==> flow/design.v <==
module ex_scratch_p #(
  parameter NREGS = 4,
  parameter DWIDTH = 40,
  parameter ADDR_W = $clog2(NREGS),
  parameter GROUPS = DWIDTH / 8
) (
  input wire CLK,
  input wire [GROUPS-1:0] in_wstrb,
  input wire [ADDR_W-1:0] in_wa,
  input wire [DWIDTH-1:0] in_write_data,
  input wire [ADDR_W-1:0] in_raddr,
  output wire [DWIDTH-1:0] out_rd
);
  reg [GROUPS-1:0] r_wstrb;
  always @(posedge CLK)
    r_wstrb <= in_wstrb;
  reg [ADDR_W-1:0] r_wa;
  always @(posedge CLK)
    r_wa <= in_wa;
  reg [DWIDTH-1:0] r_write_data;
  always @(posedge CLK)
    r_write_data <= in_write_data;
  reg [DWIDTH-1:0] regs [NREGS-1:0];
  integer t;
  always @(posedge CLK) begin
    for (t = 0; t < GROUPS; t = t + 1)
      if (r_wstrb[t]) regs[r_wa][8*t +: 8] <= r_write_data[8*t +: 8];
  end
  reg [ADDR_W-1:0] r_raddr;
  always @(posedge CLK)
    r_raddr <= in_raddr;
  reg [DWIDTH-1:0] r_rd;
  always @(posedge CLK)
    r_rd <= regs[r_raddr];
  assign out_rd = r_rd;
endmodule
* From RTL to reports: ex_scratch_p *
Tool output for the design above, in the order of the flow.
Line numbers count from 1 in the design file above.
Cell names lack the library's common part.
A cell with n/a has no value.

set-up
  top = ex_scratch_p
  clock port = CLK
  library = sky130hd
  corner = tt_025C_1v80

* After elaboration *
Source: Yosys, flattened and elaborated, memories not mapped. Widths are those after wreduce; folded enables and synchronous resets count as part of the registers. Registers that Yosys merges into a memory's read port (data or address) are not register bits. Print and check cells do not count. Equal cells are merged and count once.
Memory sizes are those after Yosys's memory passes, which may raise the word count (mostly to a power of two), join words into wider ones and drop unused or constant bits.

word-level totals
  latch bits = 0
  memory bits (read-only) = 0
  memory bits (writable) = 160
  register bits = 49
  memory cells = 1
  output and inout bits = 40
  bits of input ports = 50
  clocked read ports x word width = 40
  word-level cells = 15

memories
  memory  depth  bits a word  read ports  write ports  line  source
  regs    4      40           1           1            23    reg [DWIDTH-1:0] regs [NREGS-1:0];

operators by class
  shift operators = 0
  bitwise operators = 0
  div/mod/pow operators = 0
  add/subtract/negate cells = 0
  mux-type cells = 10
  multiply operators = 0
  equality and inequality tests = 0
  magnitude comparators = 0
  reductions and logical operators = 0

operator list
  kind               count
  40-bit 2-to-1 mux  5
  1-bit 2-to-1 mux   5

* Logic depth *
Yosys ltp: most cells in a row. Word level: on the elaborated netlist, between registers, memories and ports. Mapped: between sequential cells and ports; inverters and the memories' decode and read muxes count.

logic depth
  word-level depth = 1
  ABC_AREA = 1
  depth in mapped cells = 6
  mapped depth without buffers = 4

* Netlist *
The flow's flattened synthesis, as Yosys stat reports it; memories are mapped. The netlist is that of the ABC_AREA named above (0 if unset); the other value can give another one.

synthesis totals
  buffer cells = 26
  sequential area = 6586.3 um^2
  standard cells after synthesis = 748
  flip-flops = 249
  cell area after synthesis = 8649.5 um^2

cell types
  cell      count  total area (um^2)
  edfxtp_1  160    4.8E+03
  dfxtp_1   89     1.78E+03
  nand2_1   204    765.734
  inv_1     167    626.851
  nand3_1   80     400.384
  buf_6     8      90.086
  buf_2     16     80.077
  nor2_1    20     75.072
  inv_6     1      8.758
  buf_4     1      7.507
  clkbuf_2  1      5.005
  inv_2     1      3.754

* Timing after synthesis *
OpenSTA on the mapped netlist: ideal clock, no wires. The path of least setup slack (recovery checks aside). Input and output delay are each 20% of the period. Register names are those of the netlist, which keeps one name where synthesis merged equal registers.

timing after synthesis
  kind = reg2reg
  start point = register r_wa[0]
  end point = memory regs[0][0]
  required time = 1.560 ns
  arrival time = 0.839 ns
  launch time at the first pin = 0.000 ns
  clock period = 1.93 ns
  path slack = 0.721 ns
  stages = 4
  delay of the path = 1.209 ns
  setup time = 0.370 ns
  buffers on the path = 0
  synthesis period reached = 1.209 ns

"delay of the path" = arrival - input delay + setup time.
"stages": output pins that drive a net of the path, with the launching flip-flop's if there is one; two outputs of one cell count as two.
"synthesis period reached" = period - worst setup slack (recovery checks aside). The figure is calculated, with input and output delays left at 20% of the set period.

between the ends, after synthesis
  cells stage by stage = dfxtp_1 inv_1 nand2_1 nor2_1

RTL lines, path after synthesis
  what             line  source
  start, declared  17    reg [ADDR_W-1:0] r_wa;
  start, assigned  19    r_wa <= in_wa;
  end, declared    23    reg [DWIDTH-1:0] regs [NREGS-1:0];

No chain of elaborated cells between the ends is given.

* Worst path after layout *
Path of least setup slack in the final report of flow run 1 (OpenROAD, finished layout, wires in). Where an end is a register, its clock arrival counts in the times.

timing post-layout
  kind = reg2out
  start point = register r_rd[39]
  end point = output port out_rd[39]
  launch time at the first pin = 0.53 ns
  stages = 2
  output delay = 0.46 ns
  path slack = 0.41 ns
  buffers on the path = 1
  arrival time = 1.43 ns
  required time = 1.83 ns
  clock period = 2.29 ns

between the ends, post-layout
  cells stage by stage = dfxtp_1 clkdlybuf4s50_1
  length of the longest elaborated chain = 0
  elaborated cells between the ends (all ways) = 0
  RTL lines with such cells = 0

RTL lines, path post-layout
  what             line  source
  start, declared  32    reg [DWIDTH-1:0] r_rd;
  end, declared    12    output wire [DWIDTH-1:0] out_rd

Subject: flow runs of ex_scratch_p

Hi,

3 stored runs of ex_scratch_p in the flow (synthesis by Yosys, layout by OpenROAD, sky130hd cells), in arbitrary order. Constraints: input delay and output delay 20% of the set period each, output load 0.01 pF.
"achieved clock period (ns)": clock period set for the run, less the worst setup slack. It is reckoned from that one timing run; input and output delays stay at 20% of the period that was set.
"worst setup path time (ns)": the worst setup path's part of the clock period (all of it between registers, 20% less for each end at a port) less its slack. A launch clock that arrives late makes it longer, a capture clock that arrives late makes it shorter.
"finish__power__total": no workload was simulated; the value follows from the tool's default switching activity.

settings of flow run 1
{
  "period_ns": 2.29,
  "CORE_UTILIZATION": 45,
  "PLACE_DENSITY_LB_ADDON": 0.0,
  "CORE_MARGIN": 5,
  "ABC_AREA": 1,
  "GPL_TIMING_DRIVEN": 1,
  "GPL_ROUTABILITY_DRIVEN": 0,
  "CTS_CLUSTER_SIZE": 32,
  "SLEW_MARGIN": 0,
  "MIN_ROUTING_LAYER": "met2",
  "CAP_MARGIN": 20
}
report of flow run 1
yosys chip area after synthesis (um^2): 8649.5
finish__design__die__area: 22093.8
finish__design__instance__area__stdcell: 10671.5
finish__design__instance__utilization: 0.5667
finish__timing__setup__ws: 0.406
finish__timing__setup__tns: 0.000
finish__timing__hold__ws: 0.359
finish__power__total: 1.003e-02
achieved clock period (ns): 1.884
worst setup path time (ns): 1.43
worst setup path kind: reg2out

settings of flow run 2
{
  "period_ns": 1.93,
  "CAP_MARGIN": 20,
  "CORE_MARGIN": 2,
  "CORE_UTILIZATION": 40,
  "SLEW_MARGIN": 20
}
report of flow run 2
yosys chip area after synthesis (um^2): 7770.0
finish__design__die__area: 20556.4
finish__design__instance__area__stdcell: 9723.1
finish__design__instance__utilization: 0.5146
finish__timing__setup__ws: 0.149
finish__timing__setup__tns: 0.000
finish__timing__hold__ws: 0.316
finish__power__total: 1.111e-02
achieved clock period (ns): 1.781
worst setup path time (ns): 1.39
worst setup path kind: reg2out

settings of flow run 3
{
  "period_ns": 1.31,
  "CORE_UTILIZATION": 50,
  "PLACE_DENSITY_LB_ADDON": 0.25,
  "CORE_ASPECT_RATIO": 1.26,
  "CELL_PAD_IN_SITES_GLOBAL_PLACEMENT": 1,
  "CELL_PAD_IN_SITES_DETAIL_PLACEMENT": 1,
  "ABC_AREA": 0,
  "GPL_TIMING_DRIVEN": 1,
  "GPL_ROUTABILITY_DRIVEN": 0,
  "CTS_CLUSTER_SIZE": 29,
  "MIN_ROUTING_LAYER": "met2",
  "CAP_MARGIN": 20,
  "CORE_MARGIN": 2,
  "SLEW_MARGIN": 20
}
report of flow run 3
yosys chip area after synthesis (um^2): 7770.0
finish__design__die__area: 16559.9
finish__design__instance__area__stdcell: 9838.2
finish__design__instance__utilization: 0.6424
finish__timing__setup__ws: -0.013
finish__timing__setup__tns: -0.017
finish__timing__hold__ws: 0.190
finish__power__total: 1.669e-02
achieved clock period (ns): 1.323
worst setup path time (ns): 1.32
worst setup path kind: reg2reg

Regards
